==> flow/design.v <==
module sync_mpy_mod #(
    parameter NBITS = 20
) (
    input  sys_clk,
    input  [NBITS-1:0] dataa,
    input  [NBITS-1:0] datab,
    input  clear,
    output [2*NBITS-1:0] q,
    output ready
);
    reg [NBITS-1:0] dataa_ff;
    reg [NBITS-1:0] datab_ff;
    reg clear_ff;
    localparam SW = $clog2(NBITS + 1);
    reg [NBITS-1:0] mcand;
    reg [SW-1:0] ctr;
    reg [2*NBITS-1:0] state;
    wire [NBITS:0] nxt;
    assign nxt = state[2*NBITS-1:NBITS] + (state[0] ? mcand : {NBITS{1'b0}});
    assign q = state;
    assign ready = (ctr == 0);
    always @(posedge sys_clk) begin
        dataa_ff <= dataa;
        datab_ff <= datab;
        clear_ff <= clear;
        mcand <= clear_ff ? dataa_ff : mcand;
        ctr <= clear_ff ? NBITS : (ctr != 0) ? ctr - 1'b1 : ctr;
        state <= clear_ff ? {{NBITS{1'b0}}, datab_ff} : (ctr != 0) ? {nxt, state[NBITS-1:1]} : state;
    end
endmodule
# Tool chain data of sync_mpy_mod
# Tool output for the design above, in the order of the flow.
# Line numbers count from 1 in the design file above.
# Operators: Yosys type, input widths -> output width; for muxes data width and select width s.
# Library cell names are shortened.
# The mark - stands for no value.
[design] design="sync_mpy_mod" clock="sys_clk" lib="sky130hd" pvt_corner="tt_025C_1v80"

# Elaborated design
# Source: Yosys, flattened and elaborated, memories not mapped. Widths are those after wreduce. Registers that Yosys merges into a memory's read port (data or address) are not register bits. Print and check cells do not count. Equal cells are merged and count once.
[classes] reduce_logical=3 add_sub_neg=2 mux=3
[op_table] cell="$mux 20" count=3
[op_table] cell="$add 20x20->21" count=1
[op_table] cell="$sub 5x1->5 const B" count=1
[op_table] cell="$logic_not 5->1" count=1
[op_table] cell="$reduce_bool 5->1" count=1
[op_table] cell="$reduce_bool 2->1" count=1
[bits] input_bits=42 elab_cells=15 reg_bits=106 out_inout_bits=41

# Depth
# Yosys ltp: most cells in a row. Word level: on the elaborated netlist, between registers, memories and ports. Mapped: between sequential cells and ports; inverters and the memories' decode and read muxes count.
[logic_depth] ltp_word=4 ABC_AREA=0 ltp_mapped=9 depth_no_buf=8

# Netlist
# Source: synth_stat.txt of the flow (Yosys; design flattened, memories mapped). It holds for the ABC_AREA given above (unset counts as 0); a run with the other value may have another netlist.
# The area totals of this step are shown rounded.
[synth_totals] n_buf=20 mapped_area_um2=4590 stdcells=403 flip_flops=106
[by_type] cell="dfxtp_1" count=66 area_total_um2=1.32E+03
[by_type] cell="edfxtp_1" count=40 area_total_um2=1.2E+03
[by_type] cell="ha_1" count=22 area_total_um2=275.264
[by_type] cell="mux2_2" count=20 area_total_um2=225.216
[by_type] cell="and2_1" count=21 area_total_um2=131.376
[by_type] cell="nand2_1" count=33 area_total_um2=123.869
[by_type] cell="nand3_1" count=17 area_total_um2=85.082
[by_type] cell="a21oi_1" count=16 area_total_um2=80.077
[by_type] cell="xnor2_1" count=9 area_total_um2=78.826
[by_type] cell="o21ai_0" count=15 area_total_um2=75.072
[by_type] cell="nor2_1" count=16 area_total_um2=60.058
[by_type] cell="nor3_1" count=10 area_total_um2=50.048
[by_type] cell="a21o_1" count=6 area_total_um2=45.043
[by_type] cell="o211ai_1" count=5 area_total_um2=37.536
[by_type] cell="clkbuf_1" count=9 area_total_um2=33.782
[by_type] cell="inv_1" count=9 area_total_um2=33.782
[by_type] cell="a21oi_4" count=2 area_total_um2=32.531
[by_type] cell="buf_2" count=6 area_total_um2=30.029
# Other cell types: 45; their cells: 81.

# Timing after synthesis
# Source: OpenSTA report_checks on the synthesized netlist (no wires, ideal clock, input and output delay 20% of the period each), path of least setup slack; recovery checks are left aside. Register names are those of the netlist, which keeps one name where synthesis merged equal registers.
[synth_path] kind="register -> register" startpoint="register state[0]" endpoint="register state[31]" delay_ps=2537 path_buffers=1 tclk_ps=3170 path_stages=10 setup_ps=117 launch_ps=0 slack_ps=632 t_arrival_ps=2420 synth_period_reached_ps=2538
# "delay_ps" is the arrival time less input delay plus setup time.
# "path_stages" counts driving pins, that of a launching flip-flop among them; a cell with two outputs on the path counts twice.
# "synth_period_reached_ps" = period - worst setup slack (recovery checks aside). The figure is calculated, with input and output delays left at 20% of the set period.
# Between the ends stands the longest chain of elaborated cells between them, by number of cells; it is not shown to be the way that was timed. Of several equally long chains one is given.
# Each line given opens the expression or statement behind the cell; cells for indexed reads and writes are added by Yosys, which also makes memories of some case tables.
[synth_between] path_cell_list="edfxtp_1 clkbuf_1 and2_1 ha_1 fa_1 a21o_1 a22oi_1 o21ai_1 or3_1 a32o_1" elab_chain_len=2 cone_cells=2
[synth_rtl] element="from (decl)" line=17 text="reg [2*NBITS-1:0] state;"
[synth_rtl] element="from (assign)" line=28 text="state <= clear_ff ? {{NBITS{1'b0}}, datab_ff} : (ctr != 0) ? {nxt, state[NBITS-1:1]} : state;"
[synth_rtl] element="$mux 20" line=19 text="assign nxt = state[2*NBITS-1:NBITS] + (state[0] ? mcand : {NBITS{1'b0}});"
[synth_rtl] element="$add 20x20->21" line=19
[synth_rtl] element="to (assign)" line=28
[synth_rtl] element="to (decl)" line=17

# Timing after layout
# Path of least setup slack in the final report of flow run 3 (OpenROAD, finished layout, wires in). Where an end is a register, its clock arrival counts in the times.
# The report prints the path's times to 10 ps; the period is as set.
[layout_path] kind="register -> register" startpoint="register state[0]" endpoint="register state[35]" slack_ps=310 path_buffers=0 launch_ps=340 t_arrival_ps=3130 tclk_ps=3170 path_stages=9 setup_ps=70
# Between the ends stands the longest chain of elaborated cells between them, by number of cells; it is not shown to be the way that was timed. Of several equally long chains one is given.
[layout_between] path_cell_list="edfxtp_1 and2_1 ha_1 fa_1 a21o_1 a22oi_1 o21ai_1 or4_1 o211ai_1" elab_chain_len=2 cone_cells=2
[layout_rtl] element="from (decl)" line=17 text="reg [2*NBITS-1:0] state;"
[layout_rtl] element="from (assign)" line=28 text="state <= clear_ff ? {{NBITS{1'b0}}, datab_ff} : (ctr != 0) ? {nxt, state[NBITS-1:1]} : state;"
[layout_rtl] element="$mux 20" line=19 text="assign nxt = state[2*NBITS-1:NBITS] + (state[0] ? mcand : {NBITS{1'b0}});"
[layout_rtl] element="$add 20x20->21" line=19
[layout_rtl] element="to (assign)" line=28
[layout_rtl] element="to (decl)" line=17

Ticket comment

3 stored runs of sync_mpy_mod in the flow (synthesis by Yosys, layout by OpenROAD, sky130hd cells), in arbitrary order. Constraints: input delay and output delay 20% of the set period each, output load 0.01 pF.
Measured values are rounded.
[flow run 1] settings: period_ns=4.99, CORE_UTILIZATION=71, SETUP_SLACK_MARGIN=0.58, PLACE_DENSITY_LB_ADDON=0.01, CELL_PAD_IN_SITES_DETAIL_PLACEMENT=1, ABC_AREA=1, CTS_CLUSTER_DIAMETER=359, MAX_ROUTING_LAYER=met4, CAP_MARGIN=20, CORE_MARGIN=2, SLEW_MARGIN=20
[flow run 1] result: did not finish, placement stopped with DPL-0033
[flow run 2] settings: period_ns=2.45, CORE_UTILIZATION=39, SETUP_SLACK_MARGIN=0.54, PLACE_DENSITY=0.71, CELL_PAD_IN_SITES_DETAIL_PLACEMENT=2, ABC_AREA=1, CTS_CLUSTER_DIAMETER=103, CAP_MARGIN=20, CORE_MARGIN=2, SLEW_MARGIN=20
[flow run 2] result: did not finish, routing stopped with DPL-0033
[flow run 3] settings: period_ns=3.17, CAP_MARGIN=20, CORE_MARGIN=2, CORE_UTILIZATION=40, SLEW_MARGIN=20
[flow run 3] result: chip area after synthesis (Yosys) 4590 um2, die area 12300 um2, utilization 51.7%, worst setup slack after layout 309 ps
